==> flow/design.v <==
module my_mem_stage #(
    parameter WORDS = 48,
    parameter WD = 6,
    parameter AW = $clog2(WORDS)
) (
    input wire core_clk,
    input wire rstn,
    input wire valid,
    input wire [AW-1:0] addr_in,
    input wire wr_en_in,
    input wire [WD-1:0] write_data_in,
    output wire [WD-1:0] dout_out
);
    reg [AW-1:0] addr_s;
    always @(posedge core_clk or negedge rstn) begin
        if (~rstn) begin
            addr_s <= 0;
        end else if (valid) begin
            addr_s <= addr_in;
        end
    end
    reg wr_en_s;
    always @(posedge core_clk or negedge rstn) begin
        if (~rstn) begin
            wr_en_s <= 1'b0;
        end else if (valid) begin
            wr_en_s <= wr_en_in;
        end
    end
    reg [WD-1:0] write_data_s;
    always @(posedge core_clk or negedge rstn) begin
        if (~rstn) begin
            write_data_s <= 0;
        end else if (valid) begin
            write_data_s <= write_data_in;
        end
    end
    reg [WD-1:0] ram [0:WORDS-1];
    always @(posedge core_clk)
        if (valid && wr_en_s) ram[addr_s] <= write_data_s;
    assign dout_out = wr_en_s ? write_data_s : ram[addr_s];
endmodule
# --- Reports on my_mem_stage ---
# Tool output for the design above, in the order of the flow.
# Line numbers count from 1 in the design file above.
# Operators carry their Yosys type and port widths (W data, S select, Z words).
# Library cell names are shortened.
inputs:
  top: "my_mem_stage"
  clk_port: "core_clk"
  cell_library: "sky130hd"
  corner: "tt_025C_1v80"

# --- After elaboration ---
# Source: Yosys, flattened and elaborated, memories not mapped. Widths are those after wreduce; folded enables and synchronous resets count as part of the registers. Registers that Yosys merges into a memory's read port (data or address) are not register bits. Print and check cells do not count. Equal cells are merged and count once.
# Yosys's memory passes give these memory sizes; they may raise the number of words (mostly to a power of two), join words into wider ones and drop unused or constant bits.
classes:
  reduce_and_logical: 1
  n_mux: 4
ops:
  columns: ["operator", "n"]
  rows:
  - ["$mux W6", 3]
  - ["$logic_and A1 B1 Y1", 1]
  - ["$mux W1", 1]
bits:
  mem_count: 1
  ramBits: 288
  output_inout_bits: 6
  in_bits: 16
  reg_bits: 13
mem_list:
  columns: ["name", "size", "width", "read_ports", "wr", "line", "rtl"]
  rows:
  - ["ram", 48, 6, 1, 1, 38, "reg [WD-1:0] ram [0:WORDS-1];"]

# --- Depth ---
# Depth = most cells in a row (Yosys ltp): at word level without a register or memory, in the mapped netlist without a sequential cell, where the memories' decode and read muxes count.
logic_depth:
  ltp_word: 2
  abc_area: 0
  ltp_mapped: 9
  ltp_nobuf: 6

# --- After synthesis ---
# Source: synth_stat.txt of the flow (Yosys; design flattened, memories mapped). It holds for the ABC_AREA given above (unset counts as 0); a run with the other value may have another netlist.
synth_totals:
  buffers: 48
  mapped_area_um2: 12044.1
  cells: 716
  seq_area_um2: 8973.6
  flip_flops: 301
types:
  columns: ["type", "n"]
  rows:
  - ["edfxtp_1", 288]
  - ["mux2i_1", 42]
  - ["mux4_2", 16]
  - ["dfrtp_1", 13]
  - ["mux2_2", 25]
  - ["nor2_1", 70]
  - ["a221oi_1", 22]
  - ["a21oi_1", 24]
  - ["a22oi_1", 15]
  - ["nand2_1", 29]
  - ["o21ai_0", 21]
  - ["buf_6", 9]
  - ["buf_2", 19]
  - ["o22ai_1", 12]
  - ["a311oi_1", 8]
  - ["mux2_4", 4]
  - ["o32a_1", 6]
  - ["a22o_1", 6]
# Not listed: further types 33, cells in them 87.

# --- Path before layout ---
# Source: OpenSTA report_checks on the synthesized netlist (no wires, ideal clock, input and output delay 20% of the period each), path of least setup slack; recovery checks are left aside. Register names are those of the netlist, which keeps one name where synthesis merged equal registers.
synth_path:
  path_type: "reg2out"
  startpoint: "reg addr_s[1]"
  endpoint: "out dout_out[5]"
  output_delay_ns: 0.574
  setup_slack_ns: 0.461
  stages: 9
  required_time_ns: 2.296
  period_ns: 2.87
  t_arrival_ns: 1.835
  path_delay_ns: 1.835
  period_less_setup_slack_ns: 2.409
# "path_delay_ns" = arrival - input delay + setup time.
# A path that ends at an output port has no setup time.
# "stages" counts driving pins, that of a launching flip-flop among them; a cell with two outputs on the path counts twice.
# "period_less_setup_slack_ns" = period - worst setup slack (recovery checks aside). The figure is calculated, with input and output delays left at 20% of the set period.
# Between the ends stands the longest chain of elaborated cells between them, by number of cells; it is not shown to be the way that was timed. Of several equally long chains one is given.
# A line is the first line of the expression or statement that the cell stems from. Yosys adds cells for indexed reads and writes and turns some case tables into memories.
# The chain passes a memory read, where the word-level depth is cut; so it can be longer than that depth.
synth_via:
  cell_sequence: "dfrtp_1 buf_6 buf_6 mux2_4 a221oi_2 nor2_1 a311oi_2 o21ai_1 o32a_1"
  elab_chain_len: 2
synth_lines:
  columns: ["element", "line", "rtl"]
  rows:
  - ["start: declaration", 14, "reg [AW-1:0] addr_s;"]
  - ["start: assignment", 17, "addr_s <= 0;"]
  - ["start: assignment", 19, "addr_s <= addr_in;"]
  - ["$mem_v2 Z48 W6", 38, "reg [WD-1:0] ram [0:WORDS-1];"]
  - ["$mux W6", 41, "assign dout_out = wr_en_s ? write_data_s : ram[addr_s];"]
  - ["end: declaration", 12, "output wire [WD-1:0] dout_out"]

# --- Worst path after layout ---
# From the final timing report of run 2: the path of least setup slack in the routed layout; clock arrival at registers is part of the times.
layout_path:
  path_type: "reg2out"
  startpoint: "reg addr_s[1]"
  endpoint: "out dout_out[1]"
  setup_slack_ns: -1.12
  required_time_ns: 1.86
  period_ns: 2.33
  output_delay_ns: 0.47
  t_arrival_ns: 2.99
  stages: 10
# Between the ends stands the longest chain of elaborated cells between them, by number of cells; it is not shown to be the way that was timed. Of several equally long chains one is given.
# The chain passes a memory read, where the word-level depth is cut; so it can be longer than that depth.
layout_via:
  cell_sequence: "dfrtp_4 buf_12 buf_16 mux4_2 nor2_4 nor2_2 o211ai_1 nand2_1 o32a_1 buf_2"
  elab_chain_len: 2
layout_lines:
  columns: ["element", "line", "rtl"]
  rows:
  - ["start: declaration", 14, "reg [AW-1:0] addr_s;"]
  - ["start: assignment", 17, "addr_s <= 0;"]
  - ["start: assignment", 19, "addr_s <= addr_in;"]
  - ["$mem_v2 Z48 W6", 38, "reg [WD-1:0] ram [0:WORDS-1];"]
  - ["$mux W6", 41, "assign dout_out = wr_en_s ? write_data_s : ram[addr_s];"]
  - ["end: declaration", 12, "output wire [WD-1:0] dout_out"]

# Measured data: module my_mem_stage, platform sky130hd, 3 stored runs of the flow under differing settings, order arbitrary. Input and output delays are each 20% of the period that was set; the output load is 0.01 pF.
# "worstPathTime_ns" is the time allowed to the run's worst setup path (the clock period less input and output delay, where it has them) less its slack. Clock arrival times count: a late capture clock shortens it, a late launch clock lengthens it.
# "power_uw" rests on the timing tool's default activity at the inputs, not on a simulated workload.
runs:
  - name: "run 1"
    settings:
      period_ns: 3.18
      CORE_UTILIZATION: 68
      SETUP_SLACK_MARGIN: -0.22
      PLACE_DENSITY_LB_ADDON: 0.28
      CORE_ASPECT_RATIO: 0.53
      CORE_MARGIN: 3
      CELL_PAD_IN_SITES_GLOBAL_PLACEMENT: 1
      CELL_PAD_IN_SITES_DETAIL_PLACEMENT: 1
      GPL_ROUTABILITY_DRIVEN: 1
      CTS_CLUSTER_SIZE: 94
      CTS_CLUSTER_DIAMETER: 310
      CAP_MARGIN: 20
      SLEW_MARGIN: 20
    outcome: "incomplete, clock tree synthesis halted on DPL-0033"
  - name: "run 2"
    settings:
      period_ns: 2.33
      CORE_UTILIZATION: 51
      SETUP_SLACK_MARGIN: 0.25
      PLACE_DENSITY_LB_ADDON: 0.23
      CORE_MARGIN: 8
      CELL_PAD_IN_SITES_GLOBAL_PLACEMENT: 0
      MAX_ROUTING_LAYER: "met5"
      CAP_MARGIN: 20
      SLEW_MARGIN: 20
    results:
      synth_area_um2: 12044.1
      design_die_area_um2: 28789.6
      post_route_util_frac: 0.657
      worstSetupSlack_ns: -1.125
      final_setup_tns_ns: -6.416
      power_uw: 12514
      worstPathTime_ns: 2.99
      timing.worst_path_kind: "reg2out"
  - name: "run 3"
    settings:
      period_ns: 2.87
      CAP_MARGIN: 20
      CORE_MARGIN: 2
      CORE_UTILIZATION: 40
      SLEW_MARGIN: 20
    results:
      synth_area_um2: 12044.1
      design_die_area_um2: 31513.4
      post_route_util_frac: 0.515
      worstSetupSlack_ns: -0.709
      final_setup_tns_ns: -3.620
      power_uw: 10284
      worstPathTime_ns: 3.01
      timing.worst_path_kind: "reg2out"
